==> flow/design.v <==
module ex_scratch_p #(
  parameter NREGS = 32,
  parameter DWIDTH = 40,
  parameter ADDR_W = $clog2(NREGS),
  parameter GROUPS = DWIDTH / 8
) (
  input wire CLK,
  input wire [GROUPS-1:0] in_wstrb,
  input wire [ADDR_W-1:0] in_wa,
  input wire [DWIDTH-1:0] in_write_data,
  input wire [ADDR_W-1:0] in_raddr,
  output wire [DWIDTH-1:0] out_rd
);
  reg [GROUPS-1:0] r_wstrb;
  always @(posedge CLK)
    r_wstrb <= in_wstrb;
  reg [ADDR_W-1:0] r_wa;
  always @(posedge CLK)
    r_wa <= in_wa;
  reg [DWIDTH-1:0] r_write_data;
  always @(posedge CLK)
    r_write_data <= in_write_data;
  reg [DWIDTH-1:0] regs [NREGS-1:0];
  integer t;
  always @(posedge CLK) begin
    for (t = 0; t < GROUPS; t = t + 1)
      if (r_wstrb[t]) regs[r_wa][8*t +: 8] <= r_write_data[8*t +: 8];
  end
  reg [ADDR_W-1:0] r_raddr;
  always @(posedge CLK)
    r_raddr <= in_raddr;
  reg [DWIDTH-1:0] r_rd;
  always @(posedge CLK)
    r_rd <= regs[r_raddr];
  assign out_rd = r_rd;
endmodule
## Reports on ex_scratch_p

The steps from the RTL of ex_scratch_p to its reports follow in flow order.
Lines are those of the file above, counted from 1.
Operators: Yosys type, input widths -> output width; for muxes data width and select width s.
Library cell names are shortened.
Not given: -

- Top module: ex_scratch_p
- Clock: CLK
- Standard-cell library: sky130hd
- Timing corner: tt_025C_1v80

## Word-level counts

Counts by Yosys on the flattened word-level netlist (proc, flatten, opt, wreduce; memories kept). Register bits leave out memories and registers merged into their read ports (data or address); mux counts leave out enables and synchronous resets folded into registers. Print and check cells are left out. Cells with the same type and inputs are merged into one.
Memory sizes are those after Yosys's memory passes, which may raise the word count (mostly to a power of two), join words into wider ones and drop unused or constant bits.

- Multiplexer cells: 10

Operator list:

| cell | count |
|---|---|
| $mux 40 | 5 |
| $mux 1 | 5 |

- Flip-flop bits (word level): 55
- Output and inout bits: 40
- Clocked read ports x word width: 40
- Elaborated cells: 15
- Input port bits: 56
- Memory bits (writable): 1280
- Memories kept: 1

Memories:

| memory | words | bits a word | rd ports | wr ports | RTL line | text |
|---|---|---|---|---|---|---|
| regs | 32 | 40 | 1 | 1 | 23 | `reg [DWIDTH-1:0] regs [NREGS-1:0];` |

## Logic depth

Longest topological path by Yosys (ltp), each cell counted once; first at word level (registers and memories cut), then after technology mapping (sequential cells cut; the memories' decode and read muxes count).

- Word-level depth: 1
- ABC_AREA: 0
- Depth in mapped cells: 8
- Depth with buffers taken out: 5

## Synthesis result

The flow's flattened synthesis, as Yosys stat reports it; memories are mapped. The netlist is that of the ABC_AREA named above (0 if unset); the other value can give another one.
The area totals of this step are shown rounded.

- Sequential area: 40340 um^2
- Mapped cells: 3045
- Flip-flop cells: 1375
- Buffer cells: 177
- Cell area after synthesis: 52730 um^2

Cells by type:

| cell type | count | total area (um^2) |
|---|---|---|
| edfxtp_1 | 1280 | 3.84E+04 |
| mux2i_1 | 640 | 6.41E+03 |
| dfxtp_1 | 95 | 1.9E+03 |
| and2_1 | 161 | 1.01E+03 |
| a22oi_1 | 120 | 900.864 |
| a22o_1 | 80 | 700.672 |
| nand3_1 | 121 | 605.581 |
| a21oi_1 | 120 | 600.576 |
| nand2_1 | 123 | 461.693 |
| buf_6 | 30 | 337.824 |
| clkbuf_1 | 77 | 289.027 |
| a31oi_1 | 40 | 250.24 |
| nor3_1 | 40 | 200.192 |
| buf_4 | 23 | 172.666 |
| buf_2 | 34 | 170.163 |
| nor2_1 | 33 | 123.869 |
| buf_1 | 10 | 37.536 |
| nand2b_1 | 4 | 25.024 |

Other cell types: 8; their cells: 14.

## Path before layout

Path of least setup slack by OpenSTA after synthesis, without wires, with an ideal clock, recovery checks aside; 20% of the period is set as input and as output delay. Where synthesis merged equal registers, the netlist keeps one of their names.

- Path type: reg-to-reg
- Start point: reg r_wa[4]
- End point: mem regs[19][0]
- Stages: 4
- Data required time: 1.648 ns
- Path delay: 1.584 ns
- Clock period: 1.98 ns
- Library setup time: 0.332 ns
- Path slack: 0.397 ns
- Arrival time: 1.252 ns
- Buffers on the path: 0
- Launch time at the first pin: 0.000 ns
- Period reached after synthesis: 1.583 ns

"path delay" = arrival - input delay + setup time.
"stages": output pins that drive a net of the path, with the launching flip-flop's if there is one; two outputs of one cell count as two.
"period reached after synthesis" is the clock period less the worst setup slack; recovery checks do not enter. This is arithmetic on one report: input and output delays are still those of the set period (20% each).

- Cell sequence: dfxtp_1 -> or3b_1 -> nor2_1 -> and2_1

Ends and longest elaborated chain, after synthesis:

| what | RTL line | text |
|---|---|---|
| start, declared | 17 | `reg [ADDR_W-1:0] r_wa;` |
| start, assigned | 19 | `r_wa <= in_wa;` |
| end, declared | 23 | `reg [DWIDTH-1:0] regs [NREGS-1:0];` |

No chain of elaborated cells between the ends is given.

## Path in the finished layout

Path of least setup slack in the final report of stored run 1 (OpenROAD, finished layout, wires in). Where an end is a register, its clock arrival counts in the times.

- Path type: reg-to-reg
- Start point: reg r_raddr[3]
- End point: reg r_rd[10]
- Library setup time: 0.06 ns
- Buffers on the path: 2
- Clock period: 1.98 ns
- Launch time at the first pin: 0.75 ns
- Stages: 7
- Path slack: 0.00 ns
- Data required time: 2.66 ns
- Arrival time: 2.66 ns

- Cell sequence: dfxtp_1 -> or2_2 -> buf_12 -> buf_4 -> nor3_1 -> a31oi_2 -> nand3_1

Ends and longest elaborated chain, after layout:

| what | RTL line | text |
|---|---|---|
| start, declared | 29 | `reg [ADDR_W-1:0] r_raddr;` |
| start, assigned | 31 | `r_raddr <= in_raddr;` |
| end, declared | 32 | `reg [DWIDTH-1:0] r_rd;` |

No chain of elaborated cells between the ends is given.

Lab notebook: ex_scratch_p

Measured data: module ex_scratch_p, platform sky130hd, 3 stored runs of the flow under differing settings, order arbitrary. Input and output delays are each 20% of the period that was set; the output load is 0.01 pF.
"worst path time" means the part of the period allowed to the worst setup path (the constraints hold back 20% at inputs and 20% at outputs) less its slack; where the path has registers, the arrival times of their clocks count too.
"power consumption" is the tool's figure for a default switching activity; nothing was simulated.
Values from the reports are rounded here.

### Stored run 1

Settings: `period_ns=1.98`, `CAP_MARGIN=20`, `CORE_MARGIN=2`, `CORE_UTILIZATION=40`, `SLEW_MARGIN=20`

- Worst hold slack in the final report: 0.080 ns
- Power consumption: 63720 µW
- Die size: 134700 um^2
- Chip area after synthesis (Yosys): 52730 um^2
- Standard-cell area after routing: 65580 um^2
- Worst path time: 1.98 ns
- Class of the worst setup path: reg-to-reg
- Utilization in the final report: 50.0%
- Total negative setup slack: 0.000 ns
- Setup slack of the worst path: 0.001 ns

### Stored run 2

Settings: `period_ns=1.71`, `CORE_UTILIZATION=65`, `SETUP_SLACK_MARGIN=0.27`, `PLACE_DENSITY=0.79`, `CELL_PAD_IN_SITES_DETAIL_PLACEMENT=1`, `TNS_END_PERCENT=70`, `GPL_TIMING_DRIVEN=0`, `MAX_ROUTING_LAYER=met5`, `CAP_MARGIN=20`, `CORE_MARGIN=2`, `SLEW_MARGIN=20`

Unfinished; error DPL-0033 in clock tree synthesis.

### Stored run 3

Settings: `period_ns=1.68`, `CORE_UTILIZATION=55`, `GPL_TIMING_DRIVEN=1`, `GPL_ROUTABILITY_DRIVEN=0`, `CTS_CLUSTER_SIZE=36`, `SLEW_MARGIN=5`, `CAP_MARGIN=20`, `CORE_MARGIN=2`

- Utilization in the final report: 70.2%
- Worst path time: 1.96 ns
- Class of the worst setup path: reg-to-reg
- Total negative setup slack: -83.38 ns
- Standard-cell area after routing: 66670 um^2
- Chip area after synthesis (Yosys): 52730 um^2
- Setup slack of the worst path: -0.278 ns
- Die size: 98360 um^2
- Power consumption: 74410 µW
- Worst hold slack in the final report: 0.038 ns
